==> flow/design.v <==
module mul_unit_n (clk, RSTN, opa_i, res_o);
   parameter XLEN = 16;
   parameter SCALE = 2731;
   localparam RW = XLEN + $clog2(SCALE + 1);
   input clk;
   input RSTN;
   input [XLEN-1:0] opa_i;
   output [RW-1:0] res_o;
   reg [XLEN-1:0] opa_r;
   always @(posedge clk) begin
      if (!RSTN) begin
         opa_r <= 0;
      end else begin
         opa_r <= opa_i;
      end
   end
   reg [RW-1:0] tmp;
   integer n;
   always @* begin
      tmp = 0;
      for (n = 0; n < RW - XLEN; n = n + 1)
         if ((SCALE >> n) & 1) tmp = tmp + (opa_r << n);
   end
   reg [RW-1:0] res_r;
   always @(posedge clk) begin
      if (!RSTN) begin
         res_r <= 0;
      end else begin
         res_r <= tmp;
      end
   end
   assign res_o = res_r;
endmodule
# Tool chain data of mul_unit_n
# What the tools print for mul_unit_n, step after step.
# Line numbers count from 1 in the design file above.
design:
  top: "mul_unit_n"
  clk_port: "clk"
  lib: "sky130hd"
  lib_corner: "tt_025C_1v80"

# After elaboration
# Source: Yosys, flattened and elaborated, memories not mapped. Widths are those after wreduce; folded enables and synchronous resets count as part of the registers. Registers that Yosys merges into a memory's read port (data or address) are not register bits. Print and check cells do not count. Equal cells are merged and count once.
bits:
  inputBits: 18
  reg_bits: 44
  word_cells: 8
  out_inout_bits: 28
op_classes:
  addsub: 6
op_table:
  columns: ["op", "count"]
  rows:
  - ["26-bit by 27-bit adder with 28-bit output", 1]
  - ["24-bit by 25-bit adder with 26-bit output", 1]
  - ["22-bit by 23-bit adder with 24-bit output", 1]
  - ["20-bit by 21-bit adder with 22-bit output", 1]
  - ["18-bit by 19-bit adder with 20-bit output", 1]
  - ["16-bit by 17-bit adder with 18-bit output", 1]

# Logic depth
# Depth = most cells in a row (Yosys ltp): at word level without a register or memory, in the mapped netlist without a sequential cell, where the memories' decode and read muxes count.
depth:
  ltp_word: 6
  abc_area: 0
  depth_mapped: 15
  depth_no_buf: 15

# Synthesis result
# Source: synth_stat.txt of the flow (Yosys; design flattened, memories mapped). It holds for the ABC_AREA given above (unset counts as 0); a run with the other value may have another netlist.
by_type:
  columns: ["cell", "count", "type_area_um2"]
  rows:
  - ["sky130_fd_sc_hd__fa_1", 51, 1.02E+03]
  - ["sky130_fd_sc_hd__dfxtp_1", 44, 880.845]
  - ["sky130_fd_sc_hd__ha_1", 64, 800.768]
  - ["sky130_fd_sc_hd__inv_1", 63, 236.477]
  - ["sky130_fd_sc_hd__and2_1", 24, 150.144]
  - ["sky130_fd_sc_hd__nor2_1", 29, 108.854]
  - ["sky130_fd_sc_hd__a21oi_1", 18, 90.086]
  - ["sky130_fd_sc_hd__nand2_1", 18, 67.565]
  - ["sky130_fd_sc_hd__o21ai_0", 13, 65.062]
  - ["sky130_fd_sc_hd__xnor2_1", 7, 61.309]
  - ["sky130_fd_sc_hd__a21o_1", 7, 52.55]
  - ["sky130_fd_sc_hd__a211oi_2", 4, 50.048]
  - ["sky130_fd_sc_hd__mux2i_1", 5, 50.048]
  - ["sky130_fd_sc_hd__o21a_1", 6, 45.043]
  - ["sky130_fd_sc_hd__xor2_1", 5, 43.792]
  - ["sky130_fd_sc_hd__nand4_1", 5, 31.28]
  - ["sky130_fd_sc_hd__o31ai_1", 4, 30.029]
  - ["sky130_fd_sc_hd__a2111oi_4", 1, 27.526]
# Other cell types: 25; their cells: 48.
synth_totals:
  buffers: 7
  ffs: 44
  area_um2: 4132.7
  cells: 416

# Path before layout
# OpenSTA on the mapped netlist: ideal clock, no wires. The path of least setup slack (recovery checks aside). Input and output delay are each 20% of the period. Register names are those of the netlist, which keeps one name where synthesis merged equal registers.
synth_path:
  path_kind: "reg-to-reg"
  start: "register opa_r[1]"
  end: "register res_r[23]"
  t_first_pin_ps: 0
  n_path_buf: 0
  clock_period_ps: 5090
  path_delay_ps: 4068
  arrival_ps: 3998
  stages: 14
  setup_slack_ps: 1022
  setup_ps: 70
  synth_period_reached_ps: 4068
# "path_delay_ps" = arrival - input delay + setup time.
# "stages": output pins that drive a net of the path, with the launching flip-flop's if there is one; two outputs of one cell count as two.
# "synth_period_reached_ps" = period - worst setup slack (recovery checks aside). The figure is calculated, with input and output delays left at 20% of the set period.
# Between the ends stands the longest chain of elaborated cells between them, by number of cells; it is not shown to be the way that was timed. Of several equally long chains one is given.
# Each line given opens the expression or statement behind the cell; cells for indexed reads and writes are added by Yosys, which also makes memories of some case tables.
synth_via:
  path_cell_list: "sky130_fd_sc_hd__dfxtp_1 -> sky130_fd_sc_hd__fa_1 -> sky130_fd_sc_hd__inv_1 -> sky130_fd_sc_hd__fa_1 -> sky130_fd_sc_hd__fa_1 -> sky130_fd_sc_hd__inv_1 -> sky130_fd_sc_hd__fa_1 -> sky130_fd_sc_hd__ha_1 -> sky130_fd_sc_hd__a21oi_1 -> sky130_fd_sc_hd__o21ai_0 -> sky130_fd_sc_hd__a211oi_2 -> sky130_fd_sc_hd__nor3_1 -> sky130_fd_sc_hd__or3_1 -> sky130_fd_sc_hd__a21oi_1"
  elab_chain_cells: 6
  cone_cells: 6
  lines_between: 1
  cone_classes: "add/sub (6)"
synth_rtl:
  columns: ["item", "line_no", "source"]
  rows:
  - ["start: declaration", 9, "reg [XLEN-1:0] opa_r;"]
  - ["start: assignment", 12, "opa_r <= 0;"]
  - ["start: assignment", 14, "opa_r <= opa_i;"]
  - ["16-bit by 17-bit adder with 18-bit output", 22, "if ((SCALE >> n) & 1) tmp = tmp + (opa_r << n);"]
  - ["18-bit by 19-bit adder with 20-bit output", 22, null]
  - ["20-bit by 21-bit adder with 22-bit output", 22, null]
  - ["22-bit by 23-bit adder with 24-bit output", 22, null]
  - ["24-bit by 25-bit adder with 26-bit output", 22, null]
  - ["26-bit by 27-bit adder with 28-bit output", 22, null]
  - ["end: assignment", 27, "res_r <= 0;"]
  - ["end: assignment", 29, "res_r <= tmp;"]
  - ["end: declaration", 24, "reg [RW-1:0] res_r;"]

# Worst path after layout
# Path of least setup slack in the final report of flow run B (OpenROAD, finished layout, wires in). Where an end is a register, its clock arrival counts in the times.
# The path's times are printed in steps of 10 ps; the period is the one set.
layout_path:
  path_kind: "reg-to-reg"
  start: "register opa_r[11]"
  end: "register res_r[26]"
  n_path_buf: 0
  setup_slack_ps: 980
  arrival_ps: 4200
  t_first_pin_ps: 300
  clock_period_ps: 5000
  stages: 14
  setup_ps: 120
# Between the ends stands the longest chain of elaborated cells between them, by number of cells; it is not shown to be the way that was timed. Of several equally long chains one is given.
layout_via:
  path_cell_list: "sky130_fd_sc_hd__dfxtp_4 -> sky130_fd_sc_hd__fa_2 -> sky130_fd_sc_hd__inv_2 -> sky130_fd_sc_hd__fa_1 -> sky130_fd_sc_hd__fa_1 -> sky130_fd_sc_hd__inv_1 -> sky130_fd_sc_hd__fa_1 -> sky130_fd_sc_hd__ha_4 -> sky130_fd_sc_hd__nand4_1 -> sky130_fd_sc_hd__nor2_2 -> sky130_fd_sc_hd__a2111oi_4 -> sky130_fd_sc_hd__nor2_1 -> sky130_fd_sc_hd__mux2i_1 -> sky130_fd_sc_hd__o2111ai_1"
  elab_chain_cells: 6
  cone_cells: 6
  lines_between: 1
  cone_classes: "add/sub (6)"
layout_rtl:
  columns: ["item", "line_no", "source"]
  rows:
  - ["start: declaration", 9, "reg [XLEN-1:0] opa_r;"]
  - ["start: assignment", 12, "opa_r <= 0;"]
  - ["start: assignment", 14, "opa_r <= opa_i;"]
  - ["16-bit by 17-bit adder with 18-bit output", 22, "if ((SCALE >> n) & 1) tmp = tmp + (opa_r << n);"]
  - ["18-bit by 19-bit adder with 20-bit output", 22, null]
  - ["20-bit by 21-bit adder with 22-bit output", 22, null]
  - ["22-bit by 23-bit adder with 24-bit output", 22, null]
  - ["24-bit by 25-bit adder with 26-bit output", 22, null]
  - ["26-bit by 27-bit adder with 28-bit output", 22, null]
  - ["end: assignment", 27, "res_r <= 0;"]
  - ["end: assignment", 29, "res_r <= tmp;"]
  - ["end: declaration", 24, "reg [RW-1:0] res_r;"]

# Below are 3 stored runs of the flow (Yosys, OpenROAD; platform sky130hd) on mul_unit_n, each with its settings and what was measured, unordered. Constraints: input delay and output delay 20% of the set period each, output load 0.01 pF.
# "timing.achieved_period_ps": clock period set for the run, less the worst setup slack. It is reckoned from that one timing run; input and output delays stay at 20% of the period that was set.
# "timing.worst_path_ps": the worst setup path's part of the clock period (all of it between registers, 20% less for each end at a port) less its slack. A launch clock that arrives late makes it longer, a capture clock that arrives late makes it shorter.
# "power.total_uw" rests on the timing tool's default activity at the inputs, not on a simulated workload.
# "timing.worst_path_ps" is given in steps of 10 ps.
runs:
  - name: "flow run A"
    settings:
      period_ns: 3.67
      CORE_UTILIZATION: 69
      PLACE_DENSITY: 0.59
      CELL_PAD_IN_SITES_GLOBAL_PLACEMENT: 3
      CELL_PAD_IN_SITES_DETAIL_PLACEMENT: 1
      GPL_ROUTABILITY_DRIVEN: 0
      CTS_CLUSTER_SIZE: 43
      SLEW_MARGIN: 35
      CAP_MARGIN: 20
      CORE_MARGIN: 2
    outcome: "no results, placement failed with GPL-0301"
  - name: "flow run B"
    settings:
      period_ns: 5.0
      CORE_UTILIZATION: 41
      SETUP_SLACK_MARGIN: 1.34
      PLACE_DENSITY: 0.72
      CELL_PAD_IN_SITES_GLOBAL_PLACEMENT: 3
      TNS_END_PERCENT: 100
      SLEW_MARGIN: 5
      MIN_ROUTING_LAYER: "met1"
      CAP_MARGIN: 20
      CORE_MARGIN: 2
    results:
      ws_setup_ps: 979
      final_hold_ws_ps: 624
      tns_ps: 0
      die_um2: 10899.4
      final_util_frac: 0.569
      timing.achieved_period_ps: 4021
      timing.worst_path_ps: 4020
      critical_path_kind: "reg-to-reg"
      final_stdcell_area_um2: 5564.1
      power.total_uw: 2767
      yosys.chip_area_um2: 4132.7
  - name: "flow run C"
    settings:
      period_ns: 5.09
      CAP_MARGIN: 20
      CORE_MARGIN: 2
      CORE_UTILIZATION: 40
      SLEW_MARGIN: 20
    results:
      ws_setup_ps: 605
      final_hold_ws_ps: 582
      tns_ps: 0
      die_um2: 11160.9
      final_util_frac: 0.475
      timing.achieved_period_ps: 4485
      timing.worst_path_ps: 4490
      critical_path_kind: "reg-to-reg"
      final_stdcell_area_um2: 4833.4
      power.total_uw: 2149
      yosys.chip_area_um2: 4132.7
